==> flow/design.v <==
module alu_comparator_rtl #(
  parameter DW = 24
) (
  input clk,
  input aresetn,
  input [DW-1:0] i_a,
  input [DW-1:0] i_b,
  output reg o_a_lt_b,
  output reg o_equal
);
  wire [DW:0] cur;
  assign cur = {1'b0, i_a} - {1'b0, i_b};
  always @(posedge clk) begin
    if (~aresetn) begin
      o_a_lt_b <= 1'b0;
      o_equal <= 1'b0;
    end else begin
      o_a_lt_b <= cur[DW];
      o_equal <= ~|cur[DW-1:0];
    end
  end
endmodule
# Tool chain data of alu_comparator_rtl
# The steps from the RTL of alu_comparator_rtl to its reports follow in flow order.
# Line numbers count from 1 in the design file above.
# Cell names lack the library's common part.
inputs:
  design: "alu_comparator_rtl"
  clock_port: "clk"
  lib: "sky130hd"
  pvt_corner: "tt_025C_1v80"

# After elaboration
# Counts by Yosys on the flattened word-level netlist (proc, flatten, opt, wreduce; memories kept). Register bits leave out memories and registers merged into their read ports (data or address); mux counts leave out enables and synchronous resets folded into registers. Print and check cells are left out. Cells with the same type and inputs are merged into one.
op_classes:
  n_addsub: 1
  reduce_and_logical: 2
op_table:
  columns: ["op", "count"]
  rows:
  - ["subtractor 24 x 24 -> 25 bit", 1]
  - ["OR reduction 24 bit", 1]
  - ["logical NOT 1 bit", 1]
word_totals:
  ff_bits: 2
  in_bits: 50
  out_inout_bits: 2
  word_cells: 5

# Logic depth
# Depth = most cells in a row (Yosys ltp): at word level without a register or memory, in the mapped netlist without a sequential cell, where the memories' decode and read muxes count.
logic_depth:
  depth_word: 3
  abc_area: 0
  mapped_depth: 11
  ltp_nobuf: 11

# Synthesis result
# Yosys stat after the flow's synthesis: flattened, memories mapped to cells. It holds for the ABC_AREA given above (unset counts as 0); a run with the other value may have another netlist.
by_type:
  columns: ["type", "count", "type_area_um2"]
  rows:
  - ["ha_1", 24, 300.288]
  - ["inv_1", 32, 120.115]
  - ["a21oi_1", 18, 90.086]
  - ["o21ai_0", 15, 75.072]
  - ["nand2_1", 18, 67.565]
  - ["nor2_1", 15, 56.304]
  - ["a21o_1", 7, 52.55]
  - ["xor2_1", 6, 52.55]
  - ["a211o_1", 5, 43.792]
  - ["a31oi_1", 7, 43.792]
  - ["xnor2_1", 5, 43.792]
  - ["dfxtp_1", 2, 40.038]
  - ["o21a_1", 5, 37.536]
  - ["nand4_1", 5, 31.28]
  - ["nand3_1", 6, 30.029]
  - ["o31a_1", 3, 26.275]
  - ["nor3_1", 5, 25.024]
  - ["or3_1", 4, 25.024]
# Other cell types: 32; their cells: 44.
synth_totals:
  cells: 226
  mapped_area_mm2: 0.0015302
  sequential_area_mm2: 0.00004
  flip_flops: 2
  n_buf: 5

# Path before layout
# Path of least setup slack by OpenSTA after synthesis, without wires, with an ideal clock, recovery checks aside; 20% of the period is set as input and as output delay. Where synthesis merged equal registers, the netlist keeps one of their names.
synth_timing:
  path_kind: "input port to flip-flop"
  from: "input i_a[0]"
  to: "register o_equal"
  clock_period_ns: 3.54
  input_delay_ns: 0.708
  setup_ns: 0.088
  t_first_pin_ns: 0.708
  arrival_time_ns: 2.887
  required_ns: 3.452
  setup_slack_ns: 0.565
  path_delay_ns: 2.267
  driving_pins: 11
  path_buffers: 0
  period_less_setup_slack_ns: 2.975
# "path_delay_ns" = arrival - input delay + setup time.
# "driving_pins" counts driving pins, that of a launching flip-flop among them; a cell with two outputs on the path counts twice.
# "period_less_setup_slack_ns" is the clock period less the worst setup slack; recovery checks do not enter. This is arithmetic on one report: input and output delays are still those of the set period (20% each).
# The rows between start and end are the longest chain of elaborated cells between them; the timing report does not say that the signal goes this way. Where chains are equally long, one stands for them.
# Each line given opens the expression or statement behind the cell; cells for indexed reads and writes are added by Yosys, which also makes memories of some case tables.
synth_between:
  path_cell_list: "inv_1 ha_1 fa_1 nor2b_4 nor3_1 a2111o_1 a2111oi_2 o2111ai_1 nor4_1 nand4_1 nor4_2"
  elab_chain_cells: 3
  cells_between: 3
  lines_between: 2
  cone_classes: "1 x add/sub; 2 x reduce/logical"
synth_rtl:
  columns: ["item", "line_no", "rtl"]
  rows:
  - ["from (decl)", 6, "input [DW-1:0] i_a,"]
  - ["subtractor 24 x 24 -> 25 bit", 12, "assign cur = {1'b0, i_a} - {1'b0, i_b};"]
  - ["OR reduction 24 bit", 19, "o_equal <= ~|cur[DW-1:0];"]
  - ["logical NOT 1 bit", 19, null]
  - ["to (assign)", 16, "o_equal <= 1'b0;"]
  - ["to (assign)", 19, null]
  - ["to (decl)", 9, "output reg o_equal"]

# Timing after layout
# Path of least setup slack in the final report of flow run B (OpenROAD, finished layout, wires in). Where an end is a register, its clock arrival counts in the times.
layout_timing:
  path_kind: "input port to flip-flop"
  from: "input i_a[0]"
  to: "register o_equal"
  clock_period_ns: 3.54
  input_delay_ns: 0.71
  setup_ns: 0.08
  t_first_pin_ns: 0.71
  arrival_time_ns: 3.42
  required_ns: 3.66
  setup_slack_ns: 0.25
  driving_pins: 12
  path_buffers: 1
# The rows between start and end are the longest chain of elaborated cells between them; the timing report does not say that the signal goes this way. Where chains are equally long, one stands for them.
layout_between:
  path_cell_list: "clkdlybuf4s50_1 inv_1 ha_1 fa_2 nor2b_4 nor3_1 a2111o_1 a2111oi_2 o2111ai_1 nor4_2 nand4_1 nor4_2"
  elab_chain_cells: 3
  cells_between: 3
  lines_between: 2
  cone_classes: "1 x add/sub; 2 x reduce/logical"
layout_rtl:
  columns: ["item", "line_no", "rtl"]
  rows:
  - ["from (decl)", 6, "input [DW-1:0] i_a,"]
  - ["subtractor 24 x 24 -> 25 bit", 12, "assign cur = {1'b0, i_a} - {1'b0, i_b};"]
  - ["OR reduction 24 bit", 19, "o_equal <= ~|cur[DW-1:0];"]
  - ["logical NOT 1 bit", 19, null]
  - ["to (assign)", 16, "o_equal <= 1'b0;"]
  - ["to (assign)", 19, null]
  - ["to (decl)", 9, "output reg o_equal"]

# Design alu_comparator_rtl on sky130hd. What follows are 3 stored runs of the flow, each under its own settings; their order means nothing. The constraints put input and output delay at 20% of the set period each and load the outputs with 0.01 pF.
# "worst_path_allowed_less_slack_ns" means the part of the period allowed to the worst setup path (the constraints hold back 20% at inputs and 20% at outputs) less its slack; where the path has registers, the arrival times of their clocks count too.
# "power_total_uw" rests on the timing tool's default activity at the inputs, not on a simulated workload.
runs:
  - name: "flow run A"
    settings:
      period_ns: 2.36
      CORE_UTILIZATION: 67
      PLACE_DENSITY_LB_ADDON: 0.13
      CORE_MARGIN: 6
      CELL_PAD_IN_SITES_GLOBAL_PLACEMENT: 1
      TNS_END_PERCENT: 5
      ABC_AREA: 0
      GPL_ROUTABILITY_DRIVEN: 0
      SLEW_MARGIN: 5
      MIN_ROUTING_LAYER: "met1"
      CAP_MARGIN: 20
    outcome: "unfinished; error FLW-0024 in placement"
  - name: "flow run B"
    settings:
      period_ns: 3.54
      CAP_MARGIN: 20
      CORE_MARGIN: 2
      CORE_UTILIZATION: 40
      SLEW_MARGIN: 20
    results:
      die_footprint_mm2: 0.0043362
      finalCellArea_mm2: 0.0021533
      ws_hold_ns: 1.107
      power_total_uw: 428.7
      ys_area_mm2: 0.0015302
      fin_ws_ns: 0.248
      layout_utilization_pct: 58.8
      worst_path_allowed_less_slack_ns: 2.58
      worst_path_kind: "input port to flip-flop"
  - name: "flow run C"
    settings:
      period_ns: 2.71
      CORE_UTILIZATION: 50
      CORE_ASPECT_RATIO: 1.26
      CORE_MARGIN: 9
      TNS_END_PERCENT: 50
      MIN_ROUTING_LAYER: "met2"
      MAX_ROUTING_LAYER: "met4"
      CAP_MARGIN: 20
      SLEW_MARGIN: 20
    outcome: "unfinished; error GRT-0232 in routing"
